==> flow/design.v <==
module u_arith_add_stage (aclk, valid, bus, init, q);
  parameter integer DATA_W = 28;
  parameter integer EXT = 4;
  input aclk;
  input valid;
  input [DATA_W-1:0] bus;
  input init;
  output [DATA_W+EXT-1:0] q;
  reg [DATA_W-1:0] bus_q;
  reg init_q;
  reg [DATA_W+EXT-1:0] state;
  assign q = state;
  always @(posedge aclk) begin
    if (valid) begin
      bus_q <= bus;
      init_q <= init;
      state <= init_q ? bus_q : state + bus_q;
    end
  end
endmodule
# == From RTL to reports: u_arith_add_stage ==
# What the tools print for u_arith_add_stage, step after step.
# Line numbers count from 1 in the design file above.
# Cell names lack the library's common part.
# A cell with - has no value.
# setup
top_module,u_arith_add_stage
clock,aclk
cell_library,sky130hd
lib_corner,tt_025C_1v80

# == Word level ==
# Counts by Yosys on the flattened word-level netlist (proc, flatten, opt, wreduce; memories kept). Register bits leave out memories and registers merged into their read ports (data or address); mux counts leave out enables and synchronous resets folded into registers. Print and check cells are left out. Cells with the same type and inputs are merged into one.
# bits
output_inout_bits,32
clocked_rd_ports_x_width,0
latchBits,0
mem_bits_ro,0
memories,0
ram_bits,0
inputBits,31
ff_bits,61
# op_classes
reduce_and_logical,0
n_eq,0
cmp,0
bitwise,0
mul,0
div,0
muxes,1
n_addsub,1
shift,0
# op_table
operator,count
adder 32 x 28 -> 32 bit,1
two-way mux 28 bit,1

# == Longest topological paths ==
# Depth = most cells in a row (Yosys ltp): at word level without a register or memory, in the mapped netlist without a sequential cell, where the memories' decode and read muxes count.
# depth
word_depth,2
ABC_AREA,0
depth_mapped,10
depth_no_buf,10

# == After synthesis ==
# The flow's flattened synthesis, as Yosys stat reports it; memories are mapped. The netlist is that of the ABC_AREA named above (0 if unset); the other value can give another one.
# synth_totals
ffs,61
buf_cells,7
synth_area_um2,3678.5
cell_count,326
seqArea_um2,1831.8
# types
cell,count,type_area_um2
edfxtp_1,61,1.83E+03
ha_1,28,350.336
nand2_1,47,176.419
o21ai_0,29,145.139
a21oi_1,23,115.11
xor2_1,13,113.859
xnor2_1,12,105.101
a21o_1,11,82.579
nor2_1,16,60.058
nor2b_1,9,56.304
buf_6,3,33.782
mux2_2,3,33.782
nor3_1,6,30.029
a2111oi_4,1,27.526
a21oi_2,3,26.275
and3_1,4,25.024
o211ai_2,2,25.024
o21ai_1,5,25.024
# Other cell types: 29; their cells: 50.

# == Worst setup path after synthesis ==
# Source: OpenSTA report_checks on the synthesized netlist (no wires, ideal clock, input and output delay 20% of the period each), path of least setup slack; recovery checks are left aside. Register names are those of the netlist, which keeps one name where synthesis merged equal registers.
# synth_path
kind,register to register
start,register state[0]
end,register state[28]
required_ns,3.094
setup_time_ns,0.266
path_stages,11
period_ns,3.36
delay_ns,2.684
n_path_buf,0
setup_slack_ns,0.677
t_first_pin_ns,0.000
arrival_ns,2.418
synth_period_reached_ns,2.683
# "delay_ns" is the arrival time less input delay plus setup time.
# "path_stages" counts driving pins, that of a launching flip-flop among them; a cell with two outputs on the path counts twice.
# "synth_period_reached_ns" is the clock period less the worst setup slack; recovery checks do not enter. This is arithmetic on one report: input and output delays are still those of the set period (20% each).
# The rows between start and end are the longest chain of elaborated cells between them; the timing report does not say that the signal goes this way. Where chains are equally long, one stands for them.
# A line is the first line of the expression or statement that the cell stems from. Yosys adds cells for indexed reads and writes and turns some case tables into memories.
# synth_between
cell_sequence,edfxtp_1 > ha_1 > fa_1 > a21o_1 > a221oi_2 > o21ai_4 > a21oi_4 > o211ai_2 > a21oi_2 > xor2_1 > nor2_1
elab_chain_cells,1
cells_between,1
lines_between,1
cone_classes,1 x add/sub
# synth_lines
item,line_no,source
start: declaration,11,reg [DATA_W+EXT-1:0] state;
start: assignment,17,state <= init_q ? bus_q : state + bus_q;
adder 32 x 28 -> 32 bit,17,
end: assignment,17,
end: declaration,11,

# == Timing after layout ==
# Path of least setup slack in the final report of job 2 (OpenROAD, finished layout, wires in). Where an end is a register, its clock arrival counts in the times.
# layout_path
kind,register to register
start,register state[0]
end,register state[26]
required_ns,3.45
t_first_pin_ns,0.35
arrival_ns,2.95
setup_time_ns,0.25
n_path_buf,0
period_ns,3.36
path_stages,11
setup_slack_ns,0.50
# The rows between start and end are the longest chain of elaborated cells between them; the timing report does not say that the signal goes this way. Where chains are equally long, one stands for them.
# layout_between
cell_sequence,edfxtp_1 > ha_1 > fa_1 > a21o_1 > a221oi_2 > o21ai_4 > a21oi_4 > o21ai_2 > a21oi_2 > xnor2_1 > o21ai_1
elab_chain_cells,2
cells_between,2
lines_between,1
cone_classes,1 x add/sub; 1 x mux
# layout_lines
item,line_no,source
start: declaration,11,reg [DATA_W+EXT-1:0] state;
start: assignment,17,state <= init_q ? bus_q : state + bus_q;
adder 32 x 28 -> 32 bit,17,
two-way mux 28 bit,17,
end: assignment,17,
end: declaration,11,

# Stored flow runs of u_arith_add_stage (2 of them; Yosys, OpenROAD, sky130hd). They differ in their settings and are not a sequence. Constraints: input delay and output delay 20% of the set period each, output load 0.01 pF.
# "achieved_clock_period_ns" = clock period - worst setup slack. The figure is calculated, with input and output delays left at 20% of the set period.
# "worst_setup_path_time_ns": the worst setup path's part of the clock period (all of it between registers, 20% less for each end at a port) less its slack. A launch clock that arrives late makes it longer, a capture clock that arrives late makes it shorter.
# "totalPower_mw": no workload was simulated; the value follows from the tool's default switching activity.
# A setting shown as - is not set for that run.
# Among the results, - means that no value is shown for the run.
run,period_ns,CORE_UTILIZATION,PLACE_DENSITY,CORE_ASPECT_RATIO,CORE_MARGIN,CELL_PAD_IN_SITES_DETAIL_PLACEMENT,TNS_END_PERCENT,ABC_AREA,CTS_CLUSTER_SIZE,CAP_MARGIN,SLEW_MARGIN,hold_ws_ns,setup_ws_ns,dieArea_um2,totalPower_mw,post_route_stdcell_area_um2,fin_tns_ns,achieved_clock_period_ns,synth_chip_area_um2,worst_setup_path_time_ns,critical_path_type,utilization_pct
job 1,1.75,61,0.39,0.72,6,0,40,1,68,5,20,-,-,-,-,-,-,-,-,-,-,-
job 2,3.36,40,-,-,2,-,-,-,-,20,20,0.565,0.503,9979.0,2.709,4614.4,0.000,2.857,3678.5,2.86,register to register,52.4
# Job 1: no final report: clock tree synthesis broke off with DPL-0033
